==> flow/design.v <==
module dp_times_p (aclk, i_rst_n, da, db, prod);
    parameter DATA_W = 10;
    parameter COUNT = 4;
    localparam SUM_W = 2*DATA_W + $clog2(COUNT);
    input aclk;
    input i_rst_n;
    input [COUNT*DATA_W-1:0] da;
    input [COUNT*DATA_W-1:0] db;
    output [SUM_W-1:0] prod;
    reg [COUNT*DATA_W-1:0] da_ff;
    reg [COUNT*DATA_W-1:0] db_ff;
    reg [SUM_W-1:0] t;
    integer k;
    always @* begin
        t = 0;
        for (k = 0; k < COUNT; k = k + 1)
            t = t + da_ff[k*DATA_W +: DATA_W] * db_ff[k*DATA_W +: DATA_W];
    end
    assign prod = t;
    always @(posedge aclk or negedge i_rst_n) begin
        if (!i_rst_n) begin
            da_ff <= 0;
            db_ff <= 0;
        end else begin
            da_ff <= da;
            db_ff <= db;
        end
    end
endmodule
Tool chain data of dp_times_p. Tool output for the design above, in the order of the flow. Lines are those of the file above, counted from 1. Library cell names are shortened. A cell with -- has no value.

Top module: dp_times_p. Clock port: aclk. Library: sky130hd. Corner: tt_025C_1v80.

Word-level counts. Yosys after proc, flatten, opt, wreduce and memory -nomap, before mapping. Enables and synchronous resets that opt folds into registers are not counted as muxes. Memory bits, and registers merged into a memory's read port (data or address), are not among the register bits. Print and check cells are not counted. Equal cells are merged and count once.

Under register bits stands 80. For cells after elaboration the number is 9. Under input bits stands 82.

The figure for add/sub/neg operators is 3. For multipliers the number is 4.

Operators with widths (count): multiplier 10 x 10 -> 20 bit (4); adder 21 x 20 -> 22 bit (1); adder 22 x 20 -> 22 bit (1); adder 20 x 20 -> 21 bit (1).

Longest topological paths. Yosys ltp: most cells in a row. Word level: on the elaborated netlist, between registers, memories and ports. Mapped: between sequential cells and ports; inverters and the memories' decode and read muxes count.

Depth in word-level cells: 4. Under ABC_AREA stands 0. Under depth in mapped cells stands 26. The entry for gate-level depth less buffers reads 24.

Synthesis result. The flow's flattened synthesis, as Yosys stat reports it; memories are mapped. The netlist is that of the ABC_AREA named above (0 if unset); the other value can give another one.

Cell types: fa_1 (count 359, area in all 7.19E+03 um^2); ha_1 (count 165, area in all 2064.48 um^2); dfrtp_1 (count 80, area in all 2001.92 um^2); inv_1 (count 428, area in all 1.61E+03 um^2); and2_1 (count 245, area in all 1532.72 um^2); nand2_1 (count 165, area in all 619.344 um^2); clkbuf_1 (count 43, area in all 161.405 um^2); xnor2_1 (count 12, area in all 105.101 um^2); a21oi_1 (count 18, area in all 90.086 um^2); xor2_1 (count 7, area in all 61.309 um^2); a21o_1 (count 7, area in all 52.55 um^2); o21ai_0 (count 7, area in all 35.034 um^2); nor2_1 (count 6, area in all 22.522 um^2); a31oi_4 (count 1, area in all 21.27 um^2); nand4_1 (count 3, area in all 18.768 um^2); o221ai_1 (count 2, area in all 17.517 um^2); o311ai_2 (count 1, area in all 16.266 um^2); a221oi_2 (count 1, area in all 15.014 um^2).

Other cell types: 21; their cells: 26.

The figure for mapped flip-flops is 80. The entry for sequential part of the area reads 2001.9 um^2. Buffers: 45. The figure for chip area (Yosys) is 15822.7 um^2. Cells in the netlist: 1576.

Path before layout. Path of least setup slack by OpenSTA after synthesis, without wires, with an ideal clock, recovery checks aside; 20% of the period is set as input and as output delay. Where synthesis merged equal registers, the netlist keeps one of their names.

Path kind: reg2out. From: reg db_ff[30]. To: out prod[18]. For stages the number is 25. Under external output delay stands 2.000 ns. For setup slack the number is 1.592 ns. The figure for clock period is 10.0 ns. The entry for time at the first pin reads 0.000 ns. Arrival time: 6.408 ns. Delay of the path: 6.408 ns. Under period reached after synthesis stands 8.408 ns.

"delay of the path" = arrival - input delay + setup time. A path that ends at an output port has no setup time. "stages": output pins that drive a net of the path, with the launching flip-flop's if there is one; two outputs of one cell count as two. "period reached after synthesis" is the clock period less the worst setup slack; recovery checks do not enter. This is arithmetic on one report: input and output delays are still those of the set period (20% each). Between the ends stands the longest chain of elaborated cells between them, by number of cells; it is not shown to be the way that was timed. Of several equally long chains one is given. A line is the first line of the expression or statement that the cell stems from. Yosys adds cells for indexed reads and writes and turns some case tables into memories.

Cells stage by stage: dfrtp_1 > clkbuf_1 > nand2_1 > fa_1 > inv_1 > fa_1 > inv_1 > fa_1 > inv_1 > fa_1 > inv_1 > fa_1 > inv_1 > fa_1 > inv_1 > fa_1 > inv_1 > fa_1 > ha_1 > and3_1 > a221oi_2 > o211ai_2 > a31oi_4 > o31ai_2 > xor2_1. Cells in the longest elaborated chain: 2. The figure for elaborated cells between the ends (all ways) is 2. RTL lines with such cells: 1.

Ends and longest elaborated chain, post-synthesis: start: declaration (line 11) `reg [COUNT*DATA_W-1:0] db_ff;`; start: assignment (line 23) `db_ff <= 0;`; start: assignment (line 26) `db_ff <= db;`; multiplier 10 x 10 -> 20 bit (line 17) `t = t + da_ff[k*DATA_W +: DATA_W] * db_ff[k*DATA_W +: DATA_W];`; adder 22 x 20 -> 22 bit (line 17); end: declaration (line 9) `output [SUM_W-1:0] prod;`.

Path in the finished layout. From the final timing report of entry A: the path of least setup slack in the routed layout; clock arrival at registers is part of the times.

Path kind: reg2out. From: reg db_ff[31]. To: out prod[18]. Arrival time: 7.69 ns. For stages the number is 25. Under external output delay stands 2.00 ns. For setup slack the number is 0.31 ns. The figure for clock period is 10.0 ns. The entry for time at the first pin reads 0.38 ns.

Between the ends stands the longest chain of elaborated cells between them, by number of cells; it is not shown to be the way that was timed. Of several equally long chains one is given.

Cells stage by stage: dfrtp_2 > nand2_1 > fa_1 > inv_1 > fa_1 > inv_1 > fa_1 > inv_1 > fa_1 > inv_1 > fa_1 > inv_1 > fa_1 > inv_1 > fa_1 > inv_1 > fa_1 > ha_1 > and3_1 > a221oi_2 > o211ai_2 > a31oi_4 > o31ai_2 > xor2_1 > clkdlybuf4s50_1. Cells in the longest elaborated chain: 2. The figure for elaborated cells between the ends (all ways) is 2. RTL lines with such cells: 1.

Ends and longest elaborated chain, post-layout: start: declaration (line 11) `reg [COUNT*DATA_W-1:0] db_ff;`; start: assignment (line 23) `db_ff <= 0;`; start: assignment (line 26) `db_ff <= db;`; multiplier 10 x 10 -> 20 bit (line 17) `t = t + da_ff[k*DATA_W +: DATA_W] * db_ff[k*DATA_W +: DATA_W];`; adder 22 x 20 -> 22 bit (line 17); end: declaration (line 9) `output [SUM_W-1:0] prod;`.

Below are 3 stored runs of the flow (Yosys, OpenROAD; platform sky130hd) on dp_times_p, each with its settings and what was measured, unordered. Constraints: input delay and output delay 20% of the set period each, output load 0.01 pF. By "clock period achieved" is meant the clock period of the run minus its worst setup slack. This is arithmetic on one report: input and output delays are still those of the set period (20% each). "allowed time less slack (worst setup path)" means the part of the period allowed to the worst setup path (the constraints hold back 20% at inputs and 20% at outputs) less its slack; where the path has registers, the arrival times of their clocks count too.

Entry A has these settings: period_ns 10.0; CAP_MARGIN 20; CORE_MARGIN 2; CORE_UTILIZATION 40; SLEW_MARGIN 20. The chip area after synthesis (Yosys) reads 15822.7 um^2. The measured area inside the die boundary is 41164.4 um^2. The standard-cell area after layout stands at 17704.5 um^2. The utilization of the finished layout is 45.6 %. For the setup slack of the worst path the run shows 0.314 ns. The measured sum of negative setup slack is 0.000 ns. The clock period achieved stands at 9.686 ns. The allowed time less slack (worst setup path) reads 7.69 ns. Worst setup path type: reg2out.

Entry B has these settings: period_ns 8.02; CORE_UTILIZATION 15; SETUP_SLACK_MARGIN -0.53; PLACE_DENSITY_LB_ADDON 0.07; HOLD_SLACK_MARGIN 0.02; CELL_PAD_IN_SITES_GLOBAL_PLACEMENT 2; TNS_END_PERCENT 25; ABC_AREA 1; CAP_MARGIN 40; SLEW_MARGIN 40; MAX_ROUTING_LAYER met4; CORE_MARGIN 2. The chip area after synthesis (Yosys) reads 16513.3 um^2. The measured area inside the die boundary is 112758.0 um^2. The standard-cell area after layout stands at 21424.3 um^2. The utilization of the finished layout is 19.7 %. For the setup slack of the worst path the run shows -0.416 ns. The measured sum of negative setup slack is -3.828 ns. The clock period achieved stands at 8.436 ns. The allowed time less slack (worst setup path) reads 6.83 ns. Worst setup path type: reg2out.

Entry C has these settings: period_ns 8.4; CORE_UTILIZATION 53; SETUP_SLACK_MARGIN 0.23; PLACE_DENSITY_LB_ADDON 0.18; CELL_PAD_IN_SITES_DETAIL_PLACEMENT 1; TNS_END_PERCENT 40; GPL_TIMING_DRIVEN 0; CTS_CLUSTER_SIZE 54; CAP_MARGIN 20; SLEW_MARGIN 25; CORE_MARGIN 2. The chip area after synthesis (Yosys) reads 15822.7 um^2. The measured area inside the die boundary is 31252.9 um^2. The standard-cell area after layout stands at 18615.4 um^2. The utilization of the finished layout is 63.1 %. For the setup slack of the worst path the run shows -0.418 ns. The measured sum of negative setup slack is -4.056 ns. The clock period achieved stands at 8.818 ns. The allowed time less slack (worst setup path) reads 7.14 ns. Worst setup path type: reg2out.
